==> flow/design.v <==
module sync_add_unit #(
  parameter DATA_WIDTH = 40
) (
  input logic clk_i,
  input logic rst,
  input logic valid,
  input logic [DATA_WIDTH-1:0] arg0,
  input logic [DATA_WIDTH-1:0] arg1,
  input logic cy_in,
  output logic [DATA_WIDTH-1:0] result,
  output logic carry_out
);
  logic [DATA_WIDTH-1:0] arg0_s;
  logic [DATA_WIDTH-1:0] arg1_s;
  logic cy_in_s;
  logic [DATA_WIDTH-1:0] val;
  logic [DATA_WIDTH:0] carry;
  assign carry[0] = cy_in_s;
  generate
    for (genvar i = 0; i < DATA_WIDTH; i++) begin : g_bit
      assign val[i] = arg0_s[i] ^ arg1_s[i] ^ carry[i];
      assign carry[i+1] = (arg0_s[i] & arg1_s[i]) | (carry[i] & (arg0_s[i] ^ arg1_s[i]));
    end
  endgenerate
  always_ff @(posedge clk_i or posedge rst) begin
    if (rst) begin
      arg0_s <= 0;
      arg1_s <= 0;
      cy_in_s <= 1'b0;
      result <= 0;
      carry_out <= 1'b0;
    end else if (valid) begin
      arg0_s <= arg0;
      arg1_s <= arg1;
      cy_in_s <= cy_in;
      result <= val;
      carry_out <= carry[DATA_WIDTH];
    end
  end
endmodule
======== Step by step through the tools: sync_add_unit ========
Tool output for the design above, in the order of the flow.
Line numbers count from 1 in the design file above.
Cell names lack the library's common part.
A cell with n/a has no value.
set-up
  top module .............................. sync_add_unit
  clock ................................... clk_i
  standard-cell library ................... sky130hd
  library corner .......................... tt_025C_1v80

======== Word level ========
Yosys after proc, flatten, opt, wreduce and memory -nomap, before mapping. Enables and synchronous resets that opt folds into registers are not counted as muxes. Memory bits, and registers merged into a memory's read port (data or address), are not among the register bits. Print and check cells are not counted. Equal cells are merged and count once.
word-level totals
  elaborated cells ........................ 205
  flip-flop bits (word level) ............. 122
  bits of input ports ..................... 84
  output and inout bits ................... 41
cells by class
  bitwise gates (word level) .............. 200
operators by type and width
  kind               number
  1-bit AND          80
  1-bit bitwise XOR  80
  1-bit OR           40

======== Longest topological paths ========
Longest topological path by Yosys (ltp), each cell counted once; first at word level (registers and memories cut), then after technology mapping (sequential cells cut; the memories' decode and read muxes count).
logic depth
  depth in word-level cells ............... 81
  ABC_AREA ................................ 0
  depth in mapped cells ................... 44
  mapped depth without buffers ............ 44

======== Synthesis result ========
Source: synth_stat.txt of the flow (Yosys; design flattened, memories mapped). It holds for the ABC_AREA given above (unset counts as 0); a run with the other value may have another netlist.
cell types
  cell     number  total area (um^2)
  dfrtp_1  122     3.05E+03
  mux2_2   97      1.09E+03
  fa_1     40      800.768
  mux2_4   18      270.259
  buf_2    10      50.048
  buf_6    4       45.043
  inv_1    10      37.536
  mux2i_1  2       20.019
  o21ai_0  4       20.019
  nand2_1  4       15.014
  a21oi_1  1       5.005
  nor2_1   1       3.754
synthesis totals
  buffer cells ............................ 14
  standard cells after synthesis .......... 313
  chip area (Yosys) ....................... 5412.7 um^2
  sequential area ......................... 3052.9 um^2
  flip-flop cells ......................... 122

======== Worst setup path after synthesis ========
Path of least setup slack by OpenSTA after synthesis, without wires, with an ideal clock, recovery checks aside; 20% of the period is set as input and as output delay. Where synthesis merged equal registers, the netlist keeps one of their names.
timing after synthesis
  path type ............................... reg-to-reg
  from .................................... reg arg0_s[0]
  to ...................................... reg result[39]
  library setup time ...................... 0.079 ns
  path buffers ............................ 0
  required time ........................... 19.521 ns
  path delay .............................. 15.704 ns
  stages .................................. 45
  slack ................................... 3.895 ns
  clock period ............................ 19.6 ns
  arrival time ............................ 15.625 ns
  launch time at the first pin ............ 0.000 ns
  period reached after synthesis .......... 15.705 ns
"path delay" = arrival - input delay + setup time.
"stages": output pins that drive a net of the path, with the launching flip-flop's if there is one; two outputs of one cell count as two.
"period reached after synthesis" = period - worst setup slack (recovery checks aside). The figure is calculated, with input and output delays left at 20% of the set period.
The rows between start and end are the longest chain of elaborated cells between them; the timing report does not say that the signal goes this way. Where chains are equally long, one stands for them.
Each line given opens the expression or statement behind the cell; cells for indexed reads and writes are added by Yosys, which also makes memories of some case tables.
on the way, after synthesis
  cells stage by stage .................... dfrtp_1 fa_1 fa_1 fa_1 fa_1 fa_1 fa_1 fa_1 fa_1 fa_1 fa_1 fa_1 fa_1 fa_1 fa_1 fa_1 fa_1 fa_1 [9 not listed] fa_1 fa_1 fa_1 fa_1 fa_1 fa_1 fa_1 fa_1 fa_1 fa_1 fa_1 inv_1 fa_1 inv_1 fa_1 inv_1 fa_1 mux2i_1
  cells in the longest elaborated chain ... 80
  elaborated cells between the ends (all ways) .. 81
  those cells by class .................... logic (81)
ends and longest elaborated chain, after synthesis
  item               RTL line  text
  from (decl)        13        logic [DATA_WIDTH-1:0] arg0_s;
  from (assign)      27        arg0_s <= 0;
  from (assign)      33        arg0_s <= arg0;
  1-bit bitwise XOR  22        assign carry[i+1] = (arg0_s[i] & arg1_s[i]) | (carry[i] & (arg0_s[i] ^ arg1_s[i]));
  1-bit AND          22
  1-bit OR           22
  1-bit AND          22
  1-bit OR           22
  1-bit AND          22
  1-bit OR           22
  [66 not listed]    n/a
  1-bit AND          22
  1-bit OR           22
  1-bit AND          22
  1-bit OR           22
  1-bit AND          22
  1-bit OR           22
  1-bit bitwise XOR  21        assign val[i] = arg0_s[i] ^ arg1_s[i] ^ carry[i];
  to (assign)        30        result <= 0;
  to (assign)        36        result <= val;
  to (decl)          10        output logic [DATA_WIDTH-1:0] result,

======== Worst path after layout ========
From the final timing report of run 1: the path of least setup slack in the routed layout; clock arrival at registers is part of the times.
timing post-layout
  path type ............................... reg-to-reg
  from .................................... reg arg0_s[0]
  to ...................................... reg result[39]
  clock period ............................ 19.6 ns
  library setup time ...................... 0.08 ns
  stages .................................. 45
  required time ........................... 19.93 ns
  launch time at the first pin ............ 0.41 ns
  path buffers ............................ 0
  slack ................................... 3.17 ns
  arrival time ............................ 16.76 ns
The rows between start and end are the longest chain of elaborated cells between them; the timing report does not say that the signal goes this way. Where chains are equally long, one stands for them.
on the way, post-layout
  cells stage by stage .................... dfrtp_1 fa_1 fa_1 fa_1 fa_1 fa_1 fa_1 fa_1 fa_1 fa_1 fa_1 fa_1 fa_1 fa_1 fa_1 fa_1 fa_1 fa_1 [9 not listed] fa_1 fa_1 fa_1 fa_1 fa_1 fa_1 fa_1 fa_1 fa_1 fa_1 fa_1 inv_1 fa_1 inv_1 fa_1 inv_1 fa_1 mux2i_1
  cells in the longest elaborated chain ... 80
  elaborated cells between the ends (all ways) .. 81
  those cells by class .................... logic (81)
ends and longest elaborated chain, post-layout
  item               RTL line  text
  from (decl)        13        logic [DATA_WIDTH-1:0] arg0_s;
  from (assign)      27        arg0_s <= 0;
  from (assign)      33        arg0_s <= arg0;
  1-bit bitwise XOR  22        assign carry[i+1] = (arg0_s[i] & arg1_s[i]) | (carry[i] & (arg0_s[i] ^ arg1_s[i]));
  1-bit AND          22
  1-bit OR           22
  1-bit AND          22
  1-bit OR           22
  1-bit AND          22
  1-bit OR           22
  [66 not listed]    n/a
  1-bit AND          22
  1-bit OR           22
  1-bit AND          22
  1-bit OR           22
  1-bit AND          22
  1-bit OR           22
  1-bit bitwise XOR  21        assign val[i] = arg0_s[i] ^ arg1_s[i] ^ carry[i];
  to (assign)        30        result <= 0;
  to (assign)        36        result <= val;
  to (decl)          10        output logic [DATA_WIDTH-1:0] result,

Stored flow runs of sync_add_unit (3 of them; Yosys, OpenROAD, sky130hd). They differ in their settings and are not a sequence. Constraints: input delay and output delay 20% of the set period each, output load 0.01 pF.
"achieved clock period (ns)" is the run's clock period less its worst setup slack. It is reckoned from that one timing run; input and output delays stay at 20% of the period that was set.

Flow files of run 1
==> flow/run.sh <==
#!/bin/bash
# the make line also repeats the synthesis and layout settings of config.mk as NAME=value (left out here)
make -C /OpenROAD-flow-scripts/flow DESIGN_CONFIG=/design/flow/config.mk WORK_HOME=/design/flow/orfs CLKGATE_MAP_FILE= finish
==> flow/config.mk <==
export PLATFORM = sky130hd
export DESIGN_NAME = sync_add_unit
export DESIGN_NICKNAME = sync_add_unit
export VERILOG_FILES = /design/flow/design.v
export SDC_FILE = /design/flow/constraint.sdc
export NUM_CORES = 4
export LEC_CHECK = 0
export CAP_MARGIN = 20
export CORE_MARGIN = 2
export CORE_UTILIZATION = 40
export SLEW_MARGIN = 20
==> flow/constraint.sdc <==
create_clock -name core_clock -period 19.6 [get_ports {clk_i}]
set_input_delay 3.9200 -clock core_clock [delete_from_list [all_inputs] [get_ports {clk_i}]]
set_output_delay 3.9200 -clock core_clock [all_outputs]
set_load 0.01 [all_outputs]

report of run 1
yosys chip area after synthesis (um^2): 5412.7
finish__design__die__area: 14478.1
finish__design__instance__area__stdcell: 7437.1
finish__design__instance__utilization: 0.5616
finish__timing__setup__ws: 3.165
finish__timing__setup__tns: 0.000
finish__timing__hold__ws: 0.505
achieved clock period (ns): 16.435

Flow files of run 2
==> flow/run.sh <==
#!/bin/bash
# the make line also repeats the synthesis and layout settings of config.mk as NAME=value (left out here)
make -C /OpenROAD-flow-scripts/flow DESIGN_CONFIG=/design/flow/config.mk WORK_HOME=/design/flow/orfs CLKGATE_MAP_FILE= finish
==> flow/config.mk <==
export PLATFORM = sky130hd
export DESIGN_NAME = sync_add_unit
export DESIGN_NICKNAME = sync_add_unit
export VERILOG_FILES = /design/flow/design.v
export SDC_FILE = /design/flow/constraint.sdc
export NUM_CORES = 4
export LEC_CHECK = 0
export ABC_AREA = 0
export CAP_MARGIN = 20
export CELL_PAD_IN_SITES_DETAIL_PLACEMENT = 0
export CORE_MARGIN = 8
export CORE_UTILIZATION = 26
export CTS_CLUSTER_SIZE = 31
export MAX_ROUTING_LAYER = met4
export MIN_ROUTING_LAYER = met2
export PLACE_DENSITY_LB_ADDON = 0.16
export SLEW_MARGIN = 20
==> flow/constraint.sdc <==
create_clock -name core_clock -period 29.9 [get_ports {clk_i}]
set_input_delay 5.9800 -clock core_clock [delete_from_list [all_inputs] [get_ports {clk_i}]]
set_output_delay 5.9800 -clock core_clock [all_outputs]
set_load 0.01 [all_outputs]

report of run 2
yosys chip area after synthesis (um^2): 5412.7
finish__design__die__area: 25691.3
finish__design__instance__area__stdcell: 7523.5
finish__design__instance__utilization: 0.3694
finish__timing__setup__ws: 13.320
finish__timing__setup__tns: 0.000
finish__timing__hold__ws: 0.502
achieved clock period (ns): 16.580

Flow files of run 3
==> flow/run.sh <==
#!/bin/bash
# the make line also repeats the synthesis and layout settings of config.mk as NAME=value (left out here)
make -C /OpenROAD-flow-scripts/flow DESIGN_CONFIG=/design/flow/config.mk WORK_HOME=/design/flow/orfs CLKGATE_MAP_FILE= finish
==> flow/config.mk <==
export PLATFORM = sky130hd
export DESIGN_NAME = sync_add_unit
export DESIGN_NICKNAME = sync_add_unit
export VERILOG_FILES = /design/flow/design.v
export SDC_FILE = /design/flow/constraint.sdc
export NUM_CORES = 4
export LEC_CHECK = 0
export ABC_AREA = 0
export CAP_MARGIN = 20
export CORE_MARGIN = 10
export CORE_UTILIZATION = 22
export CTS_CLUSTER_DIAMETER = 181
export HOLD_SLACK_MARGIN = 0.11
export MAX_ROUTING_LAYER = met4
export SETUP_SLACK_MARGIN = 0.66
export SLEW_MARGIN = 30
export TNS_END_PERCENT = 25
==> flow/constraint.sdc <==
create_clock -name core_clock -period 13.7 [get_ports {clk_i}]
set_input_delay 2.7400 -clock core_clock [delete_from_list [all_inputs] [get_ports {clk_i}]]
set_output_delay 2.7400 -clock core_clock [all_outputs]
set_load 0.01 [all_outputs]

report of run 3
yosys chip area after synthesis (um^2): 5412.7
finish__design__die__area: 31277.7
finish__design__instance__area__stdcell: 7698.6
finish__design__instance__utilization: 0.3175
finish__timing__setup__ws: -1.015
finish__timing__setup__tns: -3.291
finish__timing__hold__ws: 0.507
achieved clock period (ns): 14.715
